==> flow/design.v <==
module core_plus_blk #(
  parameter integer WIDTH = 36,
  parameter integer COUNT = 4,
  parameter integer OW = WIDTH + $clog2(COUNT)
) (
  input  wire clk,
  input  wire nrst,
  input  wire enable,
  input  wire [COUNT*WIDTH-1:0] src,
  output wire [OW-1:0] s
);
  reg [COUNT*WIDTH-1:0] r_src;
  always @(posedge clk or negedge nrst) begin
    if (!nrst) begin
      r_src <= 0;
    end else if (enable) begin
      r_src <= src;
    end
  end
  wire [OW-1:0] n_ [1:2*COUNT-1];
  genvar k;
  generate
    for (k = 0; k < COUNT; k = k + 1) begin : u_g
      assign n_[COUNT+k] = r_src[k*WIDTH +: WIDTH];
    end
    for (k = 1; k < COUNT; k = k + 1) begin : slice
      assign n_[k] = n_[2*k] + n_[2*k+1];
    end
  endgenerate
  assign s = n_[1];
endmodule
==> From RTL to reports: core_plus_blk <==
Tool output for the design above, in the order of the flow.
Line numbers count from 1 in the design file above.
Operators carry their Yosys type and port widths (W data, S select, Z words).
Cell names lack the library's common part.
{ "design": {"top_module": "core_plus_blk", "clock_port": "clk", "lib": "sky130hd", "lib_corner": "tt_025C_1v80"} }

==> Word-level counts <==
Source: Yosys, flattened and elaborated. Widths are those after wreduce; folded enables and synchronous resets count as part of the registers. Registers that Yosys merges into a memory's read port (data or address) are not register bits. Print and check cells do not count. Equal cells are merged and count once.
{ "bits": {"register_bits": 144, "elab_cells": 4} }
{ "classes": {"add_sub_neg": 3} }
{ "ops": {"columns": ["cell", "count"], "rows": [
  ["$add A36 B36 Y37", 2],
  ["$add A38 B38 Y38", 1]
]} }

==> Depth <==
Yosys ltp: most cells in a row. Word level: on the elaborated netlist, between registers, memories and ports. Mapped: between sequential cells and ports; inverters and the memories' decode and read muxes count.
{ "depth": {"word_depth": 2, "abc_area": 0, "mapped_depth": 22, "ltp_nobuf": 22} }

==> Mapped cells and area <==
Yosys stat after the flow's synthesis: flattened, memories mapped to cells. It holds for the ABC_AREA given above (unset counts as 0); a run with the other value may have another netlist.
The area totals of this step are shown rounded.
{ "synth_totals": {"ffs": 144, "yosys_area_um2": 11000, "stdcells": 1112, "seqArea_um2": 3600, "n_buf": 37} }
{ "by_type": {"columns": ["cell", "count", "area_total_um2"], "rows": [
  ["dfrtp_1", 144, 3.6E+03],
  ["mux2_2", 140, 1.58E+03],
  ["ha_1", 109, 1.36E+03],
  ["xnor2_1", 61, 534.262],
  ["a21o_1", 64, 480.461],
  ["a21oi_1", 86, 430.413],
  ["o21ai_0", 54, 270.259],
  ["xor2_1", 30, 262.752],
  ["nand2_1", 59, 221.462],
  ["nor2_1", 57, 213.955],
  ["a31oi_1", 22, 137.632],
  ["inv_1", 35, 131.376],
  ["clkbuf_1", 33, 123.869],
  ["nand3_1", 21, 105.101],
  ["o21a_1", 14, 105.101],
  ["o21bai_1", 13, 97.594],
  ["nand4_1", 15, 93.84],
  ["o211ai_1", 11, 82.579]
]} }
Not listed: further types 51, cells in them 144.

==> Timing after synthesis <==
Path of least setup slack by OpenSTA after synthesis, without wires, with an ideal clock, recovery checks aside; 20% of the period is set as input and as output delay. Where synthesis merged equal registers, the netlist keeps one of their names.
{ "synth_path": {"kind": "register to output", "from": "register r_src[73]", "to": "output s[36]", "delay_ns": 4.195, "setup_slack_ns": 1.045, "path_stages": 21, "arrival_time_ns": 4.195, "required_time_ns": 5.240, "path_buffers": 0, "tclk_ns": 6.55, "output_delay_ns": 1.310, "launch_ns": 0.000, "period_less_setup_slack_ns": 5.505} }
"delay_ns" = arrival - input delay + setup time.
A path that ends at an output port has no setup time.
"path_stages": output pins that drive a net of the path, with the launching flip-flop's if there is one; two outputs of one cell count as two.
"period_less_setup_slack_ns" is the clock period less the worst setup slack; recovery checks do not enter. This is arithmetic on one report: input and output delays are still those of the set period (20% each).
Between the ends stands the longest chain of elaborated cells between them, by number of cells; it is not shown to be the way that was timed. Of several equally long chains one is given.
Each line given opens the expression or statement behind the cell; cells for indexed reads and writes are added by Yosys, which also makes memories of some case tables.
{ "synth_between": {"path_cell_list": "dfrtp_1 > ha_1 > a211oi_1 > o21a_1 > nor4_1 > o31ai_1 > nor2b_1 > nor2_1 > o21ai_0 > nor2b_1 > xnor2_1 > ha_1 > a21oi_1 > nor2b_1 > o21ai_0 > nand2b_1 > a31oi_1 > o21ai_0 > a221oi_4 > o31ai_1 > nor4bb_1", "elab_chain_cells": 2, "cone_cells": 2, "lines_between": 1, "classes_between": "2 x add/sub"} }
{ "synth_rtl": {"columns": ["item", "line", "source"], "rows": [
  ["start, declared", 12, "reg [COUNT*WIDTH-1:0] r_src;"],
  ["start, assigned", 15, "r_src <= 0;"],
  ["start, assigned", 17, "r_src <= src;"],
  ["$add A36 B36 Y37", 27, "assign n_[k] = n_[2*k] + n_[2*k+1];"],
  ["$add A38 B38 Y38", 27, null],
  ["end, declared", 10, "output wire [OW-1:0] s"]
]} }

==> Timing after layout <==
From the final timing report of job 1: the path of least setup slack in the routed layout; clock arrival at registers is part of the times.
{ "layout_path": {"kind": "register to output", "from": "register r_src[0]", "to": "output s[26]", "path_buffers": 5, "path_stages": 23, "output_delay_ns": 1.44, "tclk_ns": 7.22, "required_time_ns": 5.78, "arrival_time_ns": 4.96, "setup_slack_ns": 0.82, "launch_ns": 0.47} }
Between the ends stands the longest chain of elaborated cells between them, by number of cells; it is not shown to be the way that was timed. Of several equally long chains one is given.
{ "layout_between": {"path_cell_list": "dfrtp_1 > ha_2 > inv_2 > fa_2 > nor2b_1 > o21a_1 > o21a_1 > buf_4 > buf_6 > o21a_1 > a21oi_1 > xnor2_1 > ha_1 > nand4_1 > nor2_4 > nand2_2 > a311oi_4 > a221oi_4 > buf_12 > buf_4 > or4_4 > o2111ai_4 > buf_6", "elab_chain_cells": 2, "cone_cells": 2, "lines_between": 1, "classes_between": "2 x add/sub"} }
{ "layout_rtl": {"columns": ["item", "line", "source"], "rows": [
  ["start, declared", 12, "reg [COUNT*WIDTH-1:0] r_src;"],
  ["start, assigned", 15, "r_src <= 0;"],
  ["start, assigned", 17, "r_src <= src;"],
  ["$add A36 B36 Y37", 27, "assign n_[k] = n_[2*k] + n_[2*k+1];"],
  ["$add A38 B38 Y38", 27, null],
  ["end, declared", 10, "output wire [OW-1:0] s"]
]} }

Add stored flow runs of core_plus_blk

Stored flow runs of core_plus_blk (3 of them; Yosys, OpenROAD, sky130hd). They differ in their settings and are not a sequence. Constraints: input delay and output delay 20% of the set period each, output load 0.01 pF.
"timing.achieved_period_ns" = clock period - worst setup slack. The figure is calculated, with input and output delays left at 20% of the set period.
"critical_path_time_ns" means the part of the period allowed to the worst setup path (the constraints hold back 20% at inputs and 20% at outputs) less its slack; where the path has registers, the arrival times of their clocks count too.
"totalPower_uw" rests on the timing tool's default activity at the inputs, not on a simulated workload.
Results are given in rounded form.
[
  {
    "run": "job 1",
    "settings": { "period_ns": 7.22, "CORE_UTILIZATION": 23, "SETUP_SLACK_MARGIN": 1.81, "PLACE_DENSITY_LB_ADDON": 0.14, "ABC_AREA": 0, "GPL_TIMING_DRIVEN": 1, "CTS_CLUSTER_DIAMETER": 365, "SLEW_MARGIN": 10, "CAP_MARGIN": 20, "CORE_MARGIN": 2 },
    "results": { "setup_worst_slack_ns": 0.818, "totalPower_uw": 6550, "synthArea_um2": 11000, "cell_area_final_um2": 15600, "critical_path_time_ns": 4.96, "critical_path_kind": "register to output", "finalUtil_pct": 32.9, "timing.achieved_period_ns": 6.402, "design_die_area_um2": 49500, "timing.setup.tns_ns": 0.000 }
  },
  {
    "run": "job 2",
    "settings": { "period_ns": 3.27, "CORE_UTILIZATION": 37, "PLACE_DENSITY_LB_ADDON": 0.05, "CORE_ASPECT_RATIO": 1.15, "ABC_AREA": 0, "GPL_TIMING_DRIVEN": 0, "MAX_ROUTING_LAYER": "met4", "CAP_MARGIN": 20, "CORE_MARGIN": 2, "SLEW_MARGIN": 20 },
    "results": { "setup_worst_slack_ns": -2.30, "totalPower_uw": 13900, "synthArea_um2": 11000, "cell_area_final_um2": 15300, "critical_path_time_ns": 4.92, "critical_path_kind": "register to output", "finalUtil_pct": 52.4, "timing.achieved_period_ns": 5.575, "design_die_area_um2": 31000, "timing.setup.tns_ns": -58.6 }
  },
  {
    "run": "job 3",
    "settings": { "period_ns": 6.55, "CAP_MARGIN": 20, "CORE_MARGIN": 2, "CORE_UTILIZATION": 40, "SLEW_MARGIN": 20 },
    "results": { "setup_worst_slack_ns": 0.248, "totalPower_uw": 6030, "synthArea_um2": 11000, "cell_area_final_um2": 14100, "critical_path_time_ns": 4.99, "critical_path_kind": "register to output", "finalUtil_pct": 52.3, "timing.achieved_period_ns": 6.302, "design_die_area_um2": 28800, "timing.setup.tns_ns": 0.000 }
  }
]
